==> flow/design.v <==
module shifter_v2 #(
  parameter integer W = 24,
  parameter integer SBITS = $clog2(W)
) (
  input  logic clock,
  input  logic [W-1:0] d,
  input  logic [W-1:0] B,
  input  logic [SBITS-1:0] dist_in,
  output logic [W-1:0] result
);
  logic [W-1:0] d_r;
  logic [W-1:0] B_r;
  logic [SBITS-1:0] dist_in_r;
  logic [2*W-1:0] cur;
  assign cur = {B_r, d_r} >> dist_in_r;
  assign result = cur[W-1:0];
  always_ff @(posedge clock) begin
    d_r <= d;
    B_r <= B;
    dist_in_r <= dist_in;
  end
endmodule
# From RTL to reports: shifter_v2
# The steps from the RTL of shifter_v2 to its reports follow in flow order.
# Line numbers count from 1 in the design file above.
# Library cell names are shortened.
# A cell with - has no value.
# inputs
design	shifter_v2
clk_port	clock
lib	sky130hd
corner	tt_025C_1v80

# After elaboration
# Source: Yosys, flattened and elaborated, memories not mapped. Widths are those after wreduce; folded enables and synchronous resets count as part of the registers. Registers that Yosys merges into a memory's read port (data or address) are not register bits. Print and check cells do not count. Equal cells are merged and count once.
# classes
shift	1
# ops
operator	count
48-bit by 5-bit >> shifter with 24-bit output	1
# bits
ff_bits	53
in_bits	54
out_inout_bits	24
word_cells	4

# Logic depth
# Yosys ltp: most cells in a row. Word level: on the elaborated netlist, between registers, memories and ports. Mapped: between sequential cells and ports; inverters and the memories' decode and read muxes count.
# depth
word_depth	1
abc_area	0
mapped_depth	8
ltp_nobuf	4

# Netlist
# Source: synth_stat.txt of the flow (Yosys; design flattened, memories mapped). It holds for the ABC_AREA given above (unset counts as 0); a run with the other value may have another netlist.
# by_type
cell	count	type_area_um2
dfxtp_1	53	1.06E+03
mux4_2	29	653.126
mux2i_1	38	380.365
mux2_2	30	337.824
mux4_1	7	183.926
o22ai_1	27	168.912
a222oi_1	11	110.106
clkbuf_1	19	71.318
nand3_1	13	65.062
nor2b_1	10	62.56
a2bb2oi_1	7	61.309
a32oi_1	7	61.309
nor3_1	12	60.058
o211ai_1	8	60.058
nand2b_1	9	56.304
a22oi_1	7	52.55
nand2_1	14	52.55
buf_4	6	45.043
# Other cell types: 28; their cells: 88.
# synth_totals
mapped_cells	395
yosys_area_um2	4146.5
sequential_area_um2	1061.0
ff_cells	53
buf_cells	40

# Path before layout
# Source: OpenSTA report_checks on the synthesized netlist (no wires, ideal clock, input and output delay 20% of the period each), path of least setup slack; recovery checks are left aside. Register names are those of the netlist, which keeps one name where synthesis merged equal registers.
# synth_path
path_type	register -> output
start	register dist_in_r[0]
end	output port result[16]
tclk_ps	3140
out_delay_ps	628
launch_ps	0
arrival_ps	2011
required_time_ps	2512
setup_slack_ps	501
delay_ps	2011
driving_pins	8
n_path_buf	4
synth_period_reached_ps	2639
# "delay_ps" = arrival - input delay + setup time.
# At an output port there is no setup time.
# "driving_pins" counts driving pins, that of a launching flip-flop among them; a cell with two outputs on the path counts twice.
# "synth_period_reached_ps" = period - worst setup slack (recovery checks aside). The figure is calculated, with input and output delays left at 20% of the set period.
# The rows between start and end are the longest chain of elaborated cells between them; the timing report does not say that the signal goes this way. Where chains are equally long, one stands for them.
# Each line given opens the expression or statement behind the cell; cells for indexed reads and writes are added by Yosys, which also makes memories of some case tables.
# synth_via
cell_sequence	dfxtp_1 buf_6 buf_4 buf_4 buf_2 mux2i_1 o22ai_1 a2111oi_0
elab_chain_cells	1
cells_between	1
lines_between	1
classes_between	1 x shift
# synth_lines
element	line	rtl
from (decl)	13	logic [SBITS-1:0] dist_in_r;
from (assign)	20	dist_in_r <= dist_in;
48-bit by 5-bit >> shifter with 24-bit output	15	assign cur = {B_r, d_r} >> dist_in_r;
to (decl)	9	output logic [W-1:0] result

# Timing after layout
# Path of least setup slack in the final report of job 1 (OpenROAD, finished layout, wires in). Where an end is a register, its clock arrival counts in the times.
# The path's times are printed in steps of 10 ps; the period is the one set.
# layout_path
path_type	register -> output
start	register dist_in_r[0]
end	output port result[9]
tclk_ps	3140
out_delay_ps	630
launch_ps	330
arrival_ps	2670
required_time_ps	2510
setup_slack_ps	-160
driving_pins	9
n_path_buf	4
# The rows between start and end are the longest chain of elaborated cells between them; the timing report does not say that the signal goes this way. Where chains are equally long, one stands for them.
# layout_via
cell_sequence	dfxtp_4 buf_12 buf_4 mux4_2 a222oi_1 buf_4 o22ai_4 or3_1 buf_2
elab_chain_cells	1
cells_between	1
lines_between	1
classes_between	1 x shift
# layout_lines
element	line	rtl
from (decl)	13	logic [SBITS-1:0] dist_in_r;
from (assign)	20	dist_in_r <= dist_in;
48-bit by 5-bit >> shifter with 24-bit output	15	assign cur = {B_r, d_r} >> dist_in_r;
to (decl)	9	output logic [W-1:0] result

# 3 stored runs of shifter_v2 in the flow (synthesis by Yosys, layout by OpenROAD, sky130hd cells), in arbitrary order. Constraints: input delay and output delay 20% of the set period each, output load 0.01 pF.
# "achievedPeriod_ps": clock period set for the run, less the worst setup slack. It is reckoned from that one timing run; input and output delays stay at 20% of the period that was set.
# "worstPathTime_ps" means the part of the period allowed to the worst setup path (the constraints hold back 20% at inputs and 20% at outputs) less its slack; where the path has registers, the arrival times of their clocks count too.
# "worstPathTime_ps" is known to 10 ps.
# Among the settings, - means not set for that run.
# Among the results, - means that no value is shown for the run.
run	period_ns	CAP_MARGIN	CORE_MARGIN	CORE_UTILIZATION	SLEW_MARGIN	PLACE_DENSITY	GPL_TIMING_DRIVEN	CTS_CLUSTER_SIZE	MAX_ROUTING_LAYER	PLACE_DENSITY_LB_ADDON	CORE_ASPECT_RATIO	CELL_PAD_IN_SITES_GLOBAL_PLACEMENT	CELL_PAD_IN_SITES_DETAIL_PLACEMENT	TNS_END_PERCENT	GPL_ROUTABILITY_DRIVEN	synth_chip_area_um2	die_area_um2	final_util_frac	fin_ws_ps	tns_setup_ps	achievedPeriod_ps	worstPathTime_ps	critical_path_kind
job 1	3.14	20	2	40	20	-	-	-	-	-	-	-	-	-	-	4146.5	11196.8	0.579	-160	-531	3300	2670	register -> output
job 2	2.99	20	8	52	35	0.68	1	35	met4	-	-	-	-	-	-	4146.5	11087.0	0.779	-146	-926	3136	2540	register -> output
job 3	4.53	40	5	66	20	-	-	25	met4	0.14	1.26	2	1	20	1	-	-	-	-	-	-	-	-
# Job 3: no results, placement failed with FLW-0024
